==> flow/design.v <==
module sync_reg_bank_top (core_clk, load, wa, wd, raddr_a, raddr_b, dout_a, dout_b);
    parameter D = 48;
    parameter DWIDTH = 4;
    localparam ADDR_W = $clog2(D);
    input core_clk;
    input load;
    input [ADDR_W-1:0] wa;
    input [DWIDTH-1:0] wd;
    input [ADDR_W-1:0] raddr_a;
    input [ADDR_W-1:0] raddr_b;
    output [DWIDTH-1:0] dout_a;
    output [DWIDTH-1:0] dout_b;
    reg [DWIDTH-1:0] bank [0:D-1];
    always @(posedge core_clk) begin
        if (load && wa != 0)
            bank[wa] <= wd;
    end
    assign dout_a = (raddr_a == 0) ? {DWIDTH{1'b0}} : bank[raddr_a];
    assign dout_b = (raddr_b == 0) ? {DWIDTH{1'b0}} : bank[raddr_b];
endmodule
# --- Tool chain data of sync_reg_bank_top ---
# Module sync_reg_bank_top in several versions that differ in "DWIDTH"; each step lists the members.
# The RTL above is that of DWIDTH = 4; lines are counted from 1 in the file of the member named.
# Operators carry their Yosys type and port widths (W data, S select, Z words).
inputs:
  design: "sync_reg_bank_top"
  clk_port: "core_clk"
  cell_library: "sky130hd"
  corner: "tt_025C_1v80"

# --- Source of the members ---
# New or changed lines of each further member against the RTL above, in its own file; lines it lacks are not shown.
src_changes:
  columns: ["DWIDTH", "line_no", "source"]
  rows:
  - [10, 3, "parameter DWIDTH = 10;"]
  - [12, 3, "parameter DWIDTH = 12;"]
  - [24, 3, "parameter DWIDTH = 24;"]

# --- Word-level counts ---
# Source: Yosys, flattened and elaborated, memories not mapped. Widths are those after wreduce; folded enables and synchronous resets count as part of the registers. Registers that Yosys merges into a memory's read port (data or address) are not register bits. Print and check cells do not count. Equal cells are merged and count once.
# Memory sizes are those after Yosys's memory passes, which may raise the word count (mostly to a power of two), join words into wider ones and drop unused or constant bits.
bits:
  columns: ["DWIDTH", "reg_bits", "latchBits", "mem_bits_rw", "romBits", "clocked_rd_ports_x_width", "mem_count", "output_inout_bits", "wordCells"]
  rows:
  - [4, 0, 0, 192, 0, 0, 1, 8, 10]
  - [10, 0, 0, 480, 0, 0, 1, 20, 10]
  - [12, 0, 0, 576, 0, 0, 1, 24, 10]
  - [24, 0, 0, 1152, 0, 0, 1, 48, 10]
op_classes:
  columns: ["DWIDTH", "add_sub_neg", "mul", "div_mod_pow", "cmp", "equal", "shifts", "muxes", "bitwise", "reduce_and_logical"]
  rows:
  - [4, 0, 0, 0, 0, 0, 0, 5, 0, 4]
  - [10, 0, 0, 0, 0, 0, 0, 5, 0, 4]
  - [12, 0, 0, 0, 0, 0, 0, 5, 0, 4]
  - [24, 0, 0, 0, 0, 0, 0, 5, 0, 4]
memory_table:
  columns: ["DWIDTH", "mem_shapes"]
  rows:
  - [4, "bank 48 x 4 bit 2R1W"]
  - [10, "bank 48 x 10 bit 2R1W"]
  - [12, "bank 48 x 12 bit 2R1W"]
  - [24, "bank 48 x 24 bit 2R1W"]
ops:
  columns: ["DWIDTH", "operators"]
  rows:
  - [4, "$logic_not A6 Y1: 2; $mux W4: 3; $reduce_bool A6 Y1: 1; $mux W6: 1; $logic_and A1 B1 Y1: 1; $mux W1: 1"]
  - [10, "$mux W10: 3; $logic_not A6 Y1: 2; $reduce_bool A6 Y1: 1; $mux W6: 1; $logic_and A1 B1 Y1: 1; $mux W1: 1"]
  - [12, "$mux W12: 3; $logic_not A6 Y1: 2; $reduce_bool A6 Y1: 1; $mux W6: 1; $logic_and A1 B1 Y1: 1; $mux W1: 1"]
  - [24, "$mux W24: 3; $logic_not A6 Y1: 2; $reduce_bool A6 Y1: 1; $mux W6: 1; $logic_and A1 B1 Y1: 1; $mux W1: 1"]

# --- Logic depth ---
# Longest topological path by Yosys (ltp), each cell counted once; first at word level (registers and memories cut), then after technology mapping (sequential cells cut; the memories' decode and read muxes count).
depth:
  columns: ["DWIDTH", "depth_word", "abc_area", "ltp_mapped", "mapped_depth_nobuf"]
  rows:
  - [4, 3, 0, 8, 5]
  - [10, 3, 0, 8, 5]
  - [12, 3, 0, 9, 5]
  - [24, 3, 0, 9, 5]

# --- After synthesis ---
# The flow's flattened synthesis, as Yosys stat reports it; memories are mapped. The netlist is that of the ABC_AREA named above (0 if unset); the other value can give another one.
types:
  columns: ["DWIDTH", "type_list"]
  rows:
  - [4, "sky130_fd_sc_hd__edfxtp_1: 192; sky130_fd_sc_hd__mux4_2: 56; sky130_fd_sc_hd__mux2i_1: 76; sky130_fd_sc_hd__nor2_1: 57; sky130_fd_sc_hd__mux4_1: 7; sky130_fd_sc_hd__a22oi_1: 24; sky130_fd_sc_hd__nand3_1: 24; sky130_fd_sc_hd__nand2_1: 26; sky130_fd_sc_hd__buf_2: 15; sky130_fd_sc_hd__mux2_2: 5; sky130_fd_sc_hd__nor2b_1: 9; sky130_fd_sc_hd__nand4_1: 8; sky130_fd_sc_hd__buf_4: 6; sky130_fd_sc_hd__nand3b_1: 6; sky130_fd_sc_hd__o211ai_1: 6; sky130_fd_sc_hd__clkbuf_1: 11; sky130_fd_sc_hd__a21oi_1: 8; sky130_fd_sc_hd__buf_6: 3; [+46]"]
  - [10, "sky130_fd_sc_hd__edfxtp_1: 480; sky130_fd_sc_hd__mux4_2: 235; sky130_fd_sc_hd__mux2i_1: 39; sky130_fd_sc_hd__a22oi_1: 43; sky130_fd_sc_hd__nor2_1: 61; sky130_fd_sc_hd__buf_2: 41; sky130_fd_sc_hd__mux4_1: 7; sky130_fd_sc_hd__mux2_2: 13; sky130_fd_sc_hd__a22o_1: 13; sky130_fd_sc_hd__buf_6: 8; sky130_fd_sc_hd__nor2b_1: 13; sky130_fd_sc_hd__nand2_1: 19; sky130_fd_sc_hd__o22ai_1: 11; sky130_fd_sc_hd__buf_4: 7; sky130_fd_sc_hd__nand4_1: 8; sky130_fd_sc_hd__clkbuf_1: 13; sky130_fd_sc_hd__o21a_1: 6; sky130_fd_sc_hd__a221oi_1: 5; [+92]"]
  - [12, "sky130_fd_sc_hd__edfxtp_1: 576; sky130_fd_sc_hd__mux4_2: 267; sky130_fd_sc_hd__mux2i_1: 56; sky130_fd_sc_hd__mux4_1: 11; sky130_fd_sc_hd__nor2_1: 70; sky130_fd_sc_hd__a221oi_1: 26; sky130_fd_sc_hd__a22oi_1: 27; sky130_fd_sc_hd__buf_2: 40; sky130_fd_sc_hd__buf_6: 17; sky130_fd_sc_hd__nand2_1: 39; sky130_fd_sc_hd__a21oi_1: 25; sky130_fd_sc_hd__nand3_1: 19; sky130_fd_sc_hd__nor2b_1: 15; sky130_fd_sc_hd__clkbuf_1: 22; sky130_fd_sc_hd__a22o_1: 9; sky130_fd_sc_hd__buf_4: 10; sky130_fd_sc_hd__a32oi_1: 8; sky130_fd_sc_hd__o22ai_1: 11; [+123]"]
  - [24, "sky130_fd_sc_hd__edfxtp_1: 1152; sky130_fd_sc_hd__mux4_2: 493; sky130_fd_sc_hd__mux2i_1: 107; sky130_fd_sc_hd__mux2_2: 91; sky130_fd_sc_hd__a22oi_1: 102; sky130_fd_sc_hd__nor2_1: 136; sky130_fd_sc_hd__buf_2: 89; sky130_fd_sc_hd__o22ai_1: 59; sky130_fd_sc_hd__a211oi_1: 42; sky130_fd_sc_hd__a221oi_1: 34; sky130_fd_sc_hd__buf_6: 26; sky130_fd_sc_hd__nand2_1: 77; sky130_fd_sc_hd__buf_4: 37; sky130_fd_sc_hd__o21ai_0: 47; sky130_fd_sc_hd__nor2b_1: 37; sky130_fd_sc_hd__a31oi_1: 29; sky130_fd_sc_hd__clkbuf_1: 47; sky130_fd_sc_hd__a21oi_1: 33; [+199]"]
# A list marked [+n] leaves out that many cells.
mapped:
  columns: ["DWIDTH", "mapped_cells", "mapped_area_um2", "sequential_area_um2", "ffs", "buf_cells"]
  rows:
  - [4, 585, 9396.5, 5765.5, 192, 37]
  - [10, 1114, 22454.0, 14413.8, 480, 80]
  - [12, 1371, 27004.6, 17296.6, 576, 101]
  - [24, 2837, 53736.5, 34593.2, 1152, 213]

# --- Timing after synthesis ---
# Source: OpenSTA report_checks on the synthesized netlist (no wires, ideal clock, input and output delay 20% of the period each), path of least setup slack; recovery checks are left aside. Register names are those of the netlist, which keeps one name where synthesis merged equal registers.
synth_path:
  columns: ["DWIDTH", "path_kind", "from", "to", "period_ns", "setup_slack_ns", "stages", "delay_ns", "synth_period_reached_ns"]
  rows:
  - [4, "input -> output", "input port raddr_b[0]", "output port dout_b[3]", 3.04, 0.364, 6, 1.460, 2.676]
  - [10, "input -> output", "input port raddr_a[1]", "output port dout_a[1]", 3.34, 0.400, 8, 1.604, 2.94]
  - [12, "input -> output", "input port raddr_a[0]", "output port dout_a[0]", 3.39, 0.406, 8, 1.628, 2.984]
  - [24, "input -> output", "input port raddr_a[0]", "output port dout_a[15]", 3.26, 0.395, 7, 1.561, 2.865]
# "delay_ns" = arrival - input delay + setup time.
# A path that ends at an output port has no setup time.
# "stages" counts driving pins, that of a launching flip-flop among them; a cell with two outputs on the path counts twice.
# "synth_period_reached_ns" = period - worst setup slack (recovery checks aside). The figure is calculated, with input and output delays left at 20% of the set period.
# Between the ends stands the longest chain of elaborated cells between them, by number of cells; it is not shown to be the way that was timed. Of several equally long chains one is given.
# A line is the first line of the expression or statement that the cell stems from. Yosys adds cells for indexed reads and writes and turns some case tables into memories.
# A memory read counts as a cell of the chain, while the word-level depth stops at memories.
synth_via_DWIDTH_4:
  elab_chain_cells: 2
synth_rtl_DWIDTH_4:
  columns: ["element", "line_no", "source"]
  rows:
  - ["start: declaration", 10, "input [ADDR_W-1:0] raddr_b;"]
  - ["$mem_v2 Z48 W4", 13, "reg [DWIDTH-1:0] bank [0:D-1];"]
  - ["$mux W4", 19, "assign dout_b = (raddr_b == 0) ? {DWIDTH{1'b0}} : bank[raddr_b];"]
  - ["end: declaration", 12, "output [DWIDTH-1:0] dout_b;"]
synth_via_DWIDTH_24:
  elab_chain_cells: 2
synth_rtl_DWIDTH_24:
  columns: ["element", "line_no", "source"]
  rows:
  - ["start: declaration", 9, "input [ADDR_W-1:0] raddr_a;"]
  - ["$mem_v2 Z48 W24", 13, "reg [DWIDTH-1:0] bank [0:D-1];"]
  - ["$mux W24", 18, "assign dout_a = (raddr_a == 0) ? {DWIDTH{1'b0}} : bank[raddr_a];"]
  - ["end: declaration", 11, "output [DWIDTH-1:0] dout_a;"]

# --- Worst path after layout ---
# From the final timing report of the run of each member: the path of least setup slack in the routed layout; clock arrival at registers is part of the times.
layout_path:
  columns: ["DWIDTH", "path_kind", "from", "to", "period_ns", "setup_slack_ns", "stages", "t_arrival_ns", "path_buffers"]
  rows:
  - [4, "register -> output", "memory bank[18][3]", "output port dout_a[3]", 3.04, 0.03, 7, 2.40, 1]
  - [10, "input -> output", "input port raddr_a[0]", "output port dout_a[8]", 3.34, 0.00, 9, 2.67, 5]
  - [12, "input -> output", "input port raddr_b[0]", "output port dout_b[5]", 3.39, -0.05, 11, 2.76, 6]
  - [24, "input -> output", "input port raddr_a[0]", "output port dout_a[12]", 3.26, -0.17, 11, 2.78, 6]

# --- Flow runs ---
# One run of the flow (Yosys, OpenROAD) for each member, with settings and measured results. Input and output delays are each 20% of the period that was set; the output load is 0.01 pF.
settings:
  CAP_MARGIN: 20
  CORE_MARGIN: 2
  CORE_UTILIZATION: 40
  SLEW_MARGIN: 20
settings_by_member:
  columns: ["DWIDTH", "period_ns"]
  rows:
  - [4, 3.04]
  - [10, 3.34]
  - [12, 3.39]
  - [24, 3.26]
measured:
  columns: ["DWIDTH", "ys_area_um2", "die_footprint_um2", "layout_stdcell_area_um2", "post_route_util_pct", "worst_setup_slack_ns", "fin_tns_ns", "hold_ws_ns", "power.total_uw", "period_less_ws_ns"]
  rows:
  - [4, 9396.5, 24733.9, 11636.2, 50.0, 0.034, 0.000, 1.092, 5909, 3.006]
  - [10, 22454.0, 58047.3, 28342.2, 51.2, 0.001, 0.000, 0.614, 13766, 3.339]
  - [12, 27004.6, 69606.3, 33833.7, 50.5, -0.046, -0.119, 0.507, 16473, 3.436]
  - [24, 53736.5, 137289.0, 70531.4, 52.8, -0.167, -2.585, 0.602, 34446, 3.427]
# "period_less_ws_ns" is the run's clock period less its worst setup slack. It is reckoned from that one timing run; input and output delays stay at 20% of the period that was set.
# "power.total_uw" rests on the timing tool's default activity at the inputs, not on a simulated workload.
